==> flow/design.v <==
module my_add_core_n #(
    parameter DATA_W = 12,
    parameter INPUTS = 16,
    parameter OW = DATA_W + $clog2(INPUTS)
) (
    input  clk,
    input  [INPUTS*DATA_W-1:0] d,
    output [OW-1:0] s
);
    reg [INPUTS*DATA_W-1:0] d_ff;
    wire [OW-1:0] tree [1:2*INPUTS-1];
    genvar i;
    generate
        for (i = 0; i < INPUTS; i = i + 1) begin : slice
            assign tree[INPUTS+i] = d_ff[i*DATA_W +: DATA_W];
        end
        for (i = 1; i < INPUTS; i = i + 1) begin : stage
            assign tree[i] = tree[2*i] + tree[2*i+1];
        end
    endgenerate
    reg [OW-1:0] s_ff;
    assign s = s_ff;
    always @(posedge clk) begin
        d_ff <= d;
        s_ff <= tree[1];
    end
endmodule
From RTL to reports: my_add_core_n --
The steps from the RTL of my_add_core_n to its reports follow in flow order. Lines are those of the file above, counted from 1. Library cell names are shortened. A cell with n/a has no value.
Design: design top my_add_core_n, clock port clk, cell library sky130hd, corner tt_025C_1v80

Word level --
Counts by Yosys on the flattened word-level netlist (proc, flatten, opt, wreduce). Print and check cells are left out. Cells with the same type and inputs are merged into one.
Storage and ports: flip-flop bits (word level) 208, input port bits 193, cells after elaboration 17
Operators by class: $add $sub $neg 15
Operator list (number):
- adder 16 bit | 7
- adder 12 x 12 -> 13 bit | 8

Logic depth --
Depth = most cells in a row (Yosys ltp): at word level without a register or memory, in the mapped netlist without a sequential cell, where the memories' decode and read muxes count.
Depth: word-level depth 4, ABC_AREA 0, depth in mapped cells 23, depth with buffers taken out 23

After synthesis --
Source: synth_stat.txt of the flow (Yosys; design flattened, memories mapped). It holds for the ABC_AREA given above (unset counts as 0); a run with the other value may have another netlist.
Cell types:
- dfxtp_1 | number 208, total area 4.16E+03 um^2
- fa_1 | number 85, total area 1.7E+03 um^2
- ha_1 | number 112, total area 1.4E+03 um^2
- inv_1 | number 122, total area 457.939 um^2
- xnor2_1 | number 50, total area 437.92 um^2
- a21oi_1 | number 73, total area 365.35 um^2
- xor2_1 | number 35, total area 306.544 um^2
- o21ai_0 | number 41, total area 205.197 um^2
- a21o_1 | number 23, total area 172.666 um^2
- nor2_1 | number 39, total area 146.39 um^2
- nor2b_1 | number 20, total area 125.12 um^2
- o21a_1 | number 13, total area 97.594 um^2
- o21bai_1 | number 13, total area 97.594 um^2
- nand2_1 | number 25, total area 93.84 um^2
- nand2b_1 | number 10, total area 62.56 um^2
- a31oi_1 | number 9, total area 56.304 um^2
- nor3_1 | number 9, total area 45.043 um^2
- a2111oi_0 | number 5, total area 43.792 um^2
Not listed: further types 32, cells in them 61.
Mapped netlist: standard cells after synthesis 953, mapped area 10451.3 um^2, flip-flop cells 208, buffer cells 2

Path before layout --
Source: OpenSTA report_checks on the synthesized netlist (no wires, ideal clock, input and output delay 20% of the period each), path of least setup slack; recovery checks are left aside. Register names are those of the netlist, which keeps one name where synthesis merged equal registers.
Path post-synthesis: kind reg2reg, start register d_ff[24], end register s_ff[13], period 6.62 ns, arrival 5.178 ns, data required time 6.502 ns, slack 1.324 ns, path delay 5.296 ns, stages 20, path buffers 0, period reached after synthesis 5.296 ns
"path delay" = arrival - input delay + setup time. "stages": output pins that drive a net of the path, with the launching flip-flop's if there is one; two outputs of one cell count as two. "period reached after synthesis" = period - worst setup slack (recovery checks aside). The figure is calculated, with input and output delays left at 20% of the set period. Between the ends stands the longest chain of elaborated cells between them, by number of cells; it is not shown to be the way that was timed. Of several equally long chains one is given. A line is the first line of the expression or statement that the cell stems from. Yosys adds cells for indexed reads and writes and turns some case tables into memories.
On the way, post-synthesis: path through dfxtp_1 -> ha_1 -> fa_1 -> a21oi_4 -> o21ai_2 -> a2111oi_4 -> nor2_2 -> a221o_1 -> a21oi_1 -> fa_1 -> fa_1 -> inv_1 -> fa_1 -> inv_1 -> fa_1 -> inv_1 -> ha_1 -> nand3_1 -> o311a_1 -> xnor2_1, length of the longest elaborated chain 4
RTL lines, path post-synthesis:
- from (decl) | line 10 | reg [INPUTS*DATA_W-1:0] d_ff;
- from (assign) | line 24 | d_ff <= d;
- adder 12 x 12 -> 13 bit | line 18 | assign tree[i] = tree[2*i] + tree[2*i+1];
- adder 16 bit x3 | line 18
- to (assign) | line 25 | s_ff <= tree[1];
- to (decl) | line 21 | reg [OW-1:0] s_ff;

Timing after layout --
Path of least setup slack in the final report of flow run 1 (OpenROAD, finished layout, wires in). Where an end is a register, its clock arrival counts in the times.
Path after layout: kind reg2reg, start register d_ff[24], end register s_ff[14], period 6.69 ns, arrival 6.16 ns, data required time 7.16 ns, slack 1.00 ns, stages 22, path buffers 0
Between the ends stands the longest chain of elaborated cells between them, by number of cells; it is not shown to be the way that was timed. Of several equally long chains one is given.
On the way, after layout: path through dfxtp_1 -> ha_1 -> fa_1 -> a21oi_4 -> o21ai_2 -> a2111oi_4 -> nor2_2 -> a221o_1 -> a21oi_1 -> fa_1 -> fa_1 -> inv_1 -> fa_1 -> inv_1 -> fa_1 -> inv_1 -> ha_1 -> nand3_1 -> nand3b_1 -> o21ai_0 -> a31oi_1 -> xor2_1, length of the longest elaborated chain 4
RTL lines, path after layout:
- from (decl) | line 10 | reg [INPUTS*DATA_W-1:0] d_ff;
- from (assign) | line 24 | d_ff <= d;
- adder 12 x 12 -> 13 bit | line 18 | assign tree[i] = tree[2*i] + tree[2*i+1];
- adder 16 bit x3 | line 18
- to (assign) | line 25 | s_ff <= tree[1];
- to (decl) | line 21 | reg [OW-1:0] s_ff;

Wiki page: my_add_core_n / flow data

Top module my_add_core_n; platform sky130hd; tools Yosys and OpenROAD; 3 stored runs in no particular order. Input and output delays are each 20% of the period that was set; the output load is 0.01 pF.
By "clock period achieved" is meant the clock period of the run minus its worst setup slack. This is arithmetic on one report: input and output delays are still those of the set period (20% each).
By "power consumption" is meant OpenSTA's value without simulated activity: inputs other than the clock are taken to toggle once in ten clock periods, and the tool carries that through the logic.

* Flow run 1 | settings: period_ns 6.69; CORE_UTILIZATION 27; SETUP_SLACK_MARGIN -0.32; PLACE_DENSITY 0.86; CORE_MARGIN 4; CTS_CLUSTER_DIAMETER 287; MAX_ROUTING_LAYER met5; CAP_MARGIN 20; SLEW_MARGIN 20 | results: standard-cell area of the final layout 14002.2 um^2; post-route worst hold slack 0.717 ns; utilization in the final report 36.9 %; Yosys chip area after synthesis 10451.3 um^2; area of the die 41920.5 um^2; clock period achieved 5.693 ns; setup slack of the worst path 0.997 ns; power consumption 8770 µW
* Flow run 2 | settings: period_ns 6.62; CAP_MARGIN 20; CORE_MARGIN 2; CORE_UTILIZATION 40; SLEW_MARGIN 20 | results: standard-cell area of the final layout 13779.5 um^2; post-route worst hold slack 0.706 ns; utilization in the final report 53.3 %; Yosys chip area after synthesis 10451.3 um^2; area of the die 27436.6 um^2; clock period achieved 5.666 ns; setup slack of the worst path 0.954 ns; power consumption 8583 µW
* Flow run 3 | settings: period_ns 5.97; CORE_UTILIZATION 18; PLACE_DENSITY_LB_ADDON 0.19; CORE_ASPECT_RATIO 0.96; ABC_AREA 1; MAX_ROUTING_LAYER met4; CAP_MARGIN 20; CORE_MARGIN 2; SLEW_MARGIN 20 | results: standard-cell area of the final layout 16208.0 um^2; post-route worst hold slack 0.717 ns; utilization in the final report 24.3 %; Yosys chip area after synthesis 12092.8 um^2; area of the die 69272.6 um^2; clock period achieved 5.159 ns; setup slack of the worst path 0.811 ns; power consumption 10618 µW
